==> flow/design.v <==
module plus_mod #(
  parameter W = 112
) (
  input  sys_clk,
  input  aresetn,
  input  [W-1:0] lhs_in,
  input  [W-1:0] rhs_in,
  output [W:0] sum_out
);
  reg [W-1:0] r_lhs;
  reg [W-1:0] r_rhs;
  always @(posedge sys_clk or negedge aresetn) begin
    if (~aresetn) begin
      r_lhs <= 0;
      r_rhs <= 0;
    end else begin
      r_lhs <= lhs_in;
      r_rhs <= rhs_in;
    end
  end
  assign sum_out = r_lhs + r_rhs;
endmodule
# ---- Step by step through the tools: plus_mod
# Tool output for the design above, in the order of the flow.
# Line numbers count from 1 in the design file above.
# Cell names lack the library's common part.
# A cell with - has no value.
dict set report design {
  top {plus_mod}
  clk_port {sys_clk}
  library {sky130hd}
  lib_corner {tt_025C_1v80}
}

# ---- Word level
# Counts by Yosys on the flattened word-level netlist (proc, flatten, opt, wreduce; memories kept). Register bits leave out memories and registers merged into their read ports (data or address); mux counts leave out enables and synchronous resets folded into registers. Print and check cells are left out. Cells with the same type and inputs are merged into one.
dict set report word_totals {
  register_bits 224
  inputBits 226
  out_inout_bits 113
}
dict set report op_classes {
  n_addsub 1
}
# cell count
set ops {}
lappend ops {{112-bit by 112-bit adder with 113-bit output} 1}

# ---- Longest topological paths
# Longest topological path by Yosys (ltp), each cell counted once; first at word level (registers and memories cut), then after technology mapping (sequential cells cut; the memories' decode and read muxes count).
dict set report logic_depth {
  word_depth 1
  ABC_AREA 0
  mapped_depth 14
}

# ---- Mapped cells and area
# Yosys stat after the flow's synthesis: flattened, memories mapped to cells. It holds for the ABC_AREA given above (unset counts as 0); a run with the other value may have another netlist.
# type count type_area_um2
set by_type {}
lappend by_type {dfrtp_1 224 5.61E+03}
lappend by_type {ha_1 112 1.4E+03}
lappend by_type {a21oi_1 167 835.802}
lappend by_type {xnor2_1 67 586.813}
lappend by_type {a21o_1 65 487.968}
lappend by_type {nand2_1 105 394.128}
lappend by_type {o21ai_0 77 385.37}
lappend by_type {xor2_1 43 376.611}
lappend by_type {nand4_1 56 350.336}
lappend by_type {nor2_1 76 285.274}
lappend by_type {o21bai_1 34 255.245}
lappend by_type {clkbuf_1 51 191.434}
lappend by_type {o21a_1 16 120.115}
lappend by_type {nor3_1 19 95.091}
lappend by_type {inv_1 24 90.086}
lappend by_type {o31ai_1 12 90.086}
lappend by_type {nor2b_1 14 87.584}
lappend by_type {nand3_1 14 70.067}
# Other cell types: 41; their cells: 120.
dict set report mapped {
  stdcells 1296
  mapped_area_um2 12652.1
  ffs 224
  n_buf 57
}

# ---- Worst setup path after synthesis
# Path of least setup slack by OpenSTA after synthesis, without wires, with an ideal clock, recovery checks aside; 20% of the period is set as input and as output delay. Where synthesis merged equal registers, the netlist keeps one of their names.
dict set report synth_path {
  path_type {reg-to-output}
  startpoint {reg r_lhs[15]}
  endpoint {out sum_out[110]}
  tclk_ns 5.44
  launch_ns 0.000
  arrival_ns 3.482
  required_time_ns 4.352
  setup_slack_ns 0.870
  delay_ns 3.482
  driving_pins 15
  synth_period_reached_ns 4.57
}
# "delay_ns" = arrival - input delay + setup time.
# A path that ends at an output port has no setup time.
# "driving_pins": output pins that drive a net of the path, with the launching flip-flop's if there is one; two outputs of one cell count as two.
# "synth_period_reached_ns" = period - worst setup slack (recovery checks aside). The figure is calculated, with input and output delays left at 20% of the set period.
# Between the ends stands the longest chain of elaborated cells between them, by number of cells; it is not shown to be the way that was timed. Of several equally long chains one is given.
# Each line given opens the expression or statement behind the cell; cells for indexed reads and writes are added by Yosys, which also makes memories of some case tables.
dict set report synth_via {
  cell_sequence {dfrtp_1 ha_1 buf_2 nand4_1 nor4b_2 nand4_1 and3_4 a2111oi_4 nand4b_2 a31oi_4 a31oi_2 o21a_1 o31a_1 o31ai_2 xor2_1}
  elab_chain_len 1
  cone_cells 1
  lines_between 1
  cone_classes {add/sub: 1}
}
# element line_no
set synth_rtl {}
lappend synth_rtl {{from (decl)} 10} ;# reg [W-1:0] r_lhs;
lappend synth_rtl {{from (assign)} 14} ;# r_lhs <= 0;
lappend synth_rtl {{from (assign)} 17} ;# r_lhs <= lhs_in;
lappend synth_rtl {{112-bit by 112-bit adder with 113-bit output} 21} ;# assign sum_out = r_lhs + r_rhs;
lappend synth_rtl {{to (decl)} 8} ;# output [W:0] sum_out

# ---- Timing after layout
# Path of least setup slack in the final report of run 1 (OpenROAD, finished layout, wires in). Where an end is a register, its clock arrival counts in the times.
dict set report layout_path {
  path_type {reg-to-output}
  startpoint {reg r_rhs[17]}
  endpoint {out sum_out[90]}
  tclk_ns 6.35
  launch_ns 0.54
  arrival_ns 4.39
  required_time_ns 5.08
  setup_slack_ns 0.69
  driving_pins 23
}
# Between the ends stands the longest chain of elaborated cells between them, by number of cells; it is not shown to be the way that was timed. Of several equally long chains one is given.
dict set report layout_via {
  cell_sequence {dfrtp_1 ha_4 buf_4 buf_4 a21oi_2 o21ai_1 a221oi_2 and3_4 a2111oi_4 buf_4 buf_6 buf_6 buf_6 a21o_1 a21oi_2 o21ai_2 a21oi_2 buf_4 nor4_4 nor3_2 buf_4 xnor2_2 buf_2}
  elab_chain_len 1
  cone_cells 1
  lines_between 1
  cone_classes {add/sub: 1}
}
# element line_no
set layout_rtl {}
lappend layout_rtl {{from (decl)} 11} ;# reg [W-1:0] r_rhs;
lappend layout_rtl {{from (assign)} 15} ;# r_rhs <= 0;
lappend layout_rtl {{from (assign)} 18} ;# r_rhs <= rhs_in;
lappend layout_rtl {{112-bit by 112-bit adder with 113-bit output} 21} ;# assign sum_out = r_lhs + r_rhs;
lappend layout_rtl {{to (decl)} 8} ;# output [W:0] sum_out

Subject: flow runs of plus_mod

Hi,

Measured data: module plus_mod, platform sky130hd, 3 stored runs of the flow under differing settings, order arbitrary. Input and output delays are each 20% of the period that was set; the output load is 0.01 pF.
"timing.achieved_period_ns" is the run's clock period less its worst setup slack. It is reckoned from that one timing run; input and output delays stay at 20% of the period that was set.
"critical_path_time_ns" is the time allowed to the run's worst setup path (the clock period less input and output delay, where it has them) less its slack. Clock arrival times count: a late capture clock shortens it, a late launch clock lengthens it.

# run 1
==> flow/run.sh <==
#!/bin/bash
# the make line also repeats the synthesis and layout settings of config.mk as NAME=value (left out here)
make -C /OpenROAD-flow-scripts/flow DESIGN_CONFIG=/design/flow/config.mk WORK_HOME=/design/flow/orfs CLKGATE_MAP_FILE= finish
==> flow/config.mk <==
export PLATFORM = sky130hd
export DESIGN_NAME = plus_mod
export DESIGN_NICKNAME = plus_mod
export VERILOG_FILES = /design/flow/design.v
export SDC_FILE = /design/flow/constraint.sdc
export NUM_CORES = 4
export LEC_CHECK = 0
export ABC_AREA = 0
export CAP_MARGIN = 0
export CELL_PAD_IN_SITES_DETAIL_PLACEMENT = 1
export CORE_ASPECT_RATIO = 1.21
export CORE_MARGIN = 2
export CORE_UTILIZATION = 32
export PLACE_DENSITY = 0.47
export SETUP_SLACK_MARGIN = 1.16
export SLEW_MARGIN = 5
==> flow/constraint.sdc <==
create_clock -name core_clock -period 6.35 [get_ports {sys_clk}]
set_input_delay 1.2700 -clock core_clock [delete_from_list [all_inputs] [get_ports {sys_clk}]]
set_output_delay 1.2700 -clock core_clock [all_outputs]
set_load 0.01 [all_outputs]

==> run 1: results <==
synthesis_area_um2=12652.1
final_die_area_um2=41151.8
post_route_stdcell_area_um2=19412.4
layout_utilization_pct=49.5
ws_setup_ns=0.692
timing.achieved_period_ns=5.658
critical_path_time_ns=4.39
path_kind="reg-to-output"

# run 2
==> flow/run.sh <==
#!/bin/bash
# the make line also repeats the synthesis and layout settings of config.mk as NAME=value (left out here)
make -C /OpenROAD-flow-scripts/flow DESIGN_CONFIG=/design/flow/config.mk WORK_HOME=/design/flow/orfs CLKGATE_MAP_FILE= finish
==> flow/config.mk <==
export PLATFORM = sky130hd
export DESIGN_NAME = plus_mod
export DESIGN_NICKNAME = plus_mod
export VERILOG_FILES = /design/flow/design.v
export SDC_FILE = /design/flow/constraint.sdc
export NUM_CORES = 4
export LEC_CHECK = 0
export ABC_AREA = 1
export CAP_MARGIN = 20
export CELL_PAD_IN_SITES_DETAIL_PLACEMENT = 2
export CELL_PAD_IN_SITES_GLOBAL_PLACEMENT = 3
export CORE_MARGIN = 2
export CORE_UTILIZATION = 57
export MAX_ROUTING_LAYER = met4
export PLACE_DENSITY_LB_ADDON = 0.27
export SETUP_SLACK_MARGIN = 0.35
export SLEW_MARGIN = 20
==> flow/constraint.sdc <==
create_clock -name core_clock -period 8.56 [get_ports {sys_clk}]
set_input_delay 1.7120 -clock core_clock [delete_from_list [all_inputs] [get_ports {sys_clk}]]
set_output_delay 1.7120 -clock core_clock [all_outputs]
set_load 0.01 [all_outputs]

==> run 2: results <==
outcome="no final report: placement broke off with FLW-0024"

# run 3
==> flow/run.sh <==
#!/bin/bash
# the make line also repeats the synthesis and layout settings of config.mk as NAME=value (left out here)
make -C /OpenROAD-flow-scripts/flow DESIGN_CONFIG=/design/flow/config.mk WORK_HOME=/design/flow/orfs CLKGATE_MAP_FILE= finish
==> flow/config.mk <==
export PLATFORM = sky130hd
export DESIGN_NAME = plus_mod
export DESIGN_NICKNAME = plus_mod
export VERILOG_FILES = /design/flow/design.v
export SDC_FILE = /design/flow/constraint.sdc
export NUM_CORES = 4
export LEC_CHECK = 0
export CAP_MARGIN = 20
export CORE_MARGIN = 2
export CORE_UTILIZATION = 40
export SLEW_MARGIN = 20
==> flow/constraint.sdc <==
create_clock -name core_clock -period 5.44 [get_ports {sys_clk}]
set_input_delay 1.0880 -clock core_clock [delete_from_list [all_inputs] [get_ports {sys_clk}]]
set_output_delay 1.0880 -clock core_clock [all_outputs]
set_load 0.01 [all_outputs]

==> run 3: results <==
synthesis_area_um2=12652.1
final_die_area_um2=33069.4
post_route_stdcell_area_um2=18265.0
layout_utilization_pct=58.3
ws_setup_ns=0.042
timing.achieved_period_ns=5.398
critical_path_time_ns=4.31
path_kind="reg-to-output"

Regards
